==> flow/design.v <==
module cpu_cmp_n (i_clk, i_rst, clk_en, in_arg0, in_arg1, out_is_lt, out_same, out_above);
   parameter BITS = 16;
   input i_clk;
   input i_rst;
   input clk_en;
   input [BITS-1:0] in_arg0;
   input [BITS-1:0] in_arg1;
   output out_is_lt;
   output out_same;
   output out_above;
   reg [BITS-1:0] arg0_reg;
   always @(posedge i_clk) begin
      if (i_rst) begin
         arg0_reg <= 0;
      end else if (clk_en) begin
         arg0_reg <= in_arg0;
      end
   end
   reg [BITS-1:0] arg1_reg;
   always @(posedge i_clk) begin
      if (i_rst) begin
         arg1_reg <= 0;
      end else if (clk_en) begin
         arg1_reg <= in_arg1;
      end
   end
   assign out_is_lt = (arg0_reg < arg1_reg);
   assign out_same = (arg0_reg == arg1_reg);
   assign out_above = (arg0_reg > arg1_reg);
endmodule
# Reports on cpu_cmp_n
# What the tools print for cpu_cmp_n, step after step.
# Line numbers count from 1 in the design file above.
# Operators: Yosys type, input widths -> output width; for muxes data width and select width s.
# Cell names lack the library's common part.
# The mark n/a stands for no value.
# design
design,cpu_cmp_n
clk_port,i_clk
lib,sky130hd
pvt_corner,tt_025C_1v80

# After elaboration
# Counts by Yosys on the flattened word-level netlist (proc, flatten, opt, wreduce; memories kept). Register bits leave out memories and registers merged into their read ports (data or address); mux counts leave out enables and synchronous resets folded into registers. Print and check cells are left out. Cells with the same type and inputs are merged into one.
# word_totals
inputBits,35
out_inout_bits,3
wordCells,5
ff_bits,32
# classes
n_eq,1
cmp,2
# op_table
operator,count
$gt 16x16->1,1
$lt 16x16->1,1
$eq 16x16->1,1

# Logic depth
# Longest topological path by Yosys (ltp), each cell counted once; first at word level (registers and memories cut), then after technology mapping (sequential cells cut; the memories' decode and read muxes count).
# depth
ltp_word,1
ABC_AREA,0
depth_mapped,6
ltp_nobuf,6

# Netlist
# The flow's flattened synthesis, as Yosys stat reports it; memories are mapped. The netlist is that of the ABC_AREA named above (0 if unset); the other value can give another one.
# synth_totals
buffers,7
mapped_area_um2,1525.2
flip_flops,32
seq_area_um2,640.6
mapped_cells,161
# types
cell_type,count,area_total_um2
dfxtp_1,32,640.614
mux2i_1,32,320.307
ha_1,16,200.192
nor2_1,34,127.622
inv_1,17,63.811
a21oi_1,6,30.029
buf_2,4,20.019
nand4_1,3,18.768
nand4_2,1,12.512
a2111o_1,1,11.261
clkbuf_1,3,11.261
nand2_1,3,11.261
o21ai_0,2,10.01
a211oi_1,1,7.507
a22oi_1,1,7.507
o211ai_1,1,7.507
a31oi_1,1,6.256
and3_1,1,6.256
# Not listed: further types 2, cells in them 2.

# Path before layout
# Source: OpenSTA report_checks on the synthesized netlist (no wires, ideal clock, input and output delay 20% of the period each), path of least setup slack; recovery checks are left aside. Register names are those of the netlist, which keeps one name where synthesis merged equal registers.
# synth_path
path_kind,reg-to-output
startpoint,register arg1_reg[15]
endpoint,output port out_above
path_stages,6
tclk_ps,2310
t_arrival_ps,1476
t_required_ps,1848
output_delay_ps,462
delay_ps,1476
path_buffers,0
path_slack_ps,372
t_first_pin_ps,0
period_less_setup_slack_ps,1938
# "delay_ps" = arrival - input delay + setup time.
# A path that ends at an output port has no setup time.
# "path_stages": output pins that drive a net of the path, with the launching flip-flop's if there is one; two outputs of one cell count as two.
# "period_less_setup_slack_ps" is the clock period less the worst setup slack; recovery checks do not enter. This is arithmetic on one report: input and output delays are still those of the set period (20% each).
# The rows between start and end are the longest chain of elaborated cells between them; the timing report does not say that the signal goes this way. Where chains are equally long, one stands for them.
# Each line given opens the expression or statement behind the cell; cells for indexed reads and writes are added by Yosys, which also makes memories of some case tables.
# synth_between
cell_sequence,dfxtp_1 inv_1 ha_1 nand4_2 nor4_1 a31oi_1
elab_chain_len,1
cone_cells,1
cone_lines,1
classes_between,compare: 1
# synth_rtl
element,line_no,rtl
"start, declared",19,reg [BITS-1:0] arg1_reg;
"start, assigned",22,arg1_reg <= 0;
"start, assigned",24,arg1_reg <= in_arg1;
$gt 16x16->1,29,assign out_above = (arg0_reg > arg1_reg);
"end, declared",10,output out_above;
# Some nets on the timed path still bear RTL names; the line given drives or declares the net.
# synth_named_nets
net,line_no,rtl
out_same,28,assign out_same = (arg0_reg == arg1_reg);

# Worst path after layout
# From the final timing report of run A: the path of least setup slack in the routed layout; clock arrival at registers is part of the times.
# The path's times are printed in steps of 10 ps; the period is the one set.
# layout_path
path_kind,reg-to-output
startpoint,register arg1_reg[1]
endpoint,output port out_is_lt
path_slack_ps,-20
output_delay_ps,460
path_stages,8
tclk_ps,2310
t_arrival_ps,1860
t_first_pin_ps,280
t_required_ps,1850
path_buffers,1
# The rows between start and end are the longest chain of elaborated cells between them; the timing report does not say that the signal goes this way. Where chains are equally long, one stands for them.
# layout_between
cell_sequence,dfxtp_2 inv_2 ha_4 nor2b_4 o211ai_1 a2111o_1 and3_1 buf_2
elab_chain_len,1
cone_cells,1
cone_lines,1
classes_between,compare: 1
# layout_rtl
element,line_no,rtl
"start, declared",19,reg [BITS-1:0] arg1_reg;
"start, assigned",22,arg1_reg <= 0;
"start, assigned",24,arg1_reg <= in_arg1;
$lt 16x16->1,27,assign out_is_lt = (arg0_reg < arg1_reg);
"end, declared",8,output out_is_lt;

# Design cpu_cmp_n on sky130hd. What follows are 3 stored runs of the flow, each under its own settings; their order means nothing. The constraints put input and output delay at 20% of the set period each and load the outputs with 0.01 pF.
# By "achieved_clock_period_ps" is meant the clock period of the run minus its worst setup slack. This is arithmetic on one report: input and output delays are still those of the set period (20% each).
# "worst_setup_path_time_ps" = time allowed to the worst setup path (clock period - input delay - output delay, where it has them) - its slack; a late launch clock adds to it, a late capture clock takes from it.
# By "power.total_mw" is meant OpenSTA's value without simulated activity: inputs other than the clock are taken to toggle once in ten clock periods, and the tool carries that through the logic.
# "worst_setup_path_time_ps" is given in steps of 10 ps.
# Among the settings, - means not set for that run.
# Results: - = not shown.
run name,period_ns,CAP_MARGIN,CORE_MARGIN,CORE_UTILIZATION,SLEW_MARGIN,PLACE_DENSITY_LB_ADDON,CORE_ASPECT_RATIO,ABC_AREA,MIN_ROUTING_LAYER,CTS_CLUSTER_DIAMETER,setup_ws_ps,post_route_util_frac,synthesis_area_um2,final_stdcell_area_um2,worst_setup_path_time_ps,critical_path_type,total_negative_slack_ps,power.total_mw,final_die_area_um2,achieved_clock_period_ps
run A,2.31,20,2,40,20,-,-,-,-,-,-15,0.578,1525.2,2114.5,1860,reg-to-output,-15,1.315,4323.1,2325
run B,1.9,20,2,63,0,0.25,1.49,0,met2,-,-,-,-,-,-,-,-,-,-,-
run C,1.16,5,2,38,25,0.18,-,0,-,184,-908,0.568,1525.2,2238.4,1840,reg-to-output,-2549,2.582,4536.7,2068
# Run B: incomplete, routing halted on DPL-0038
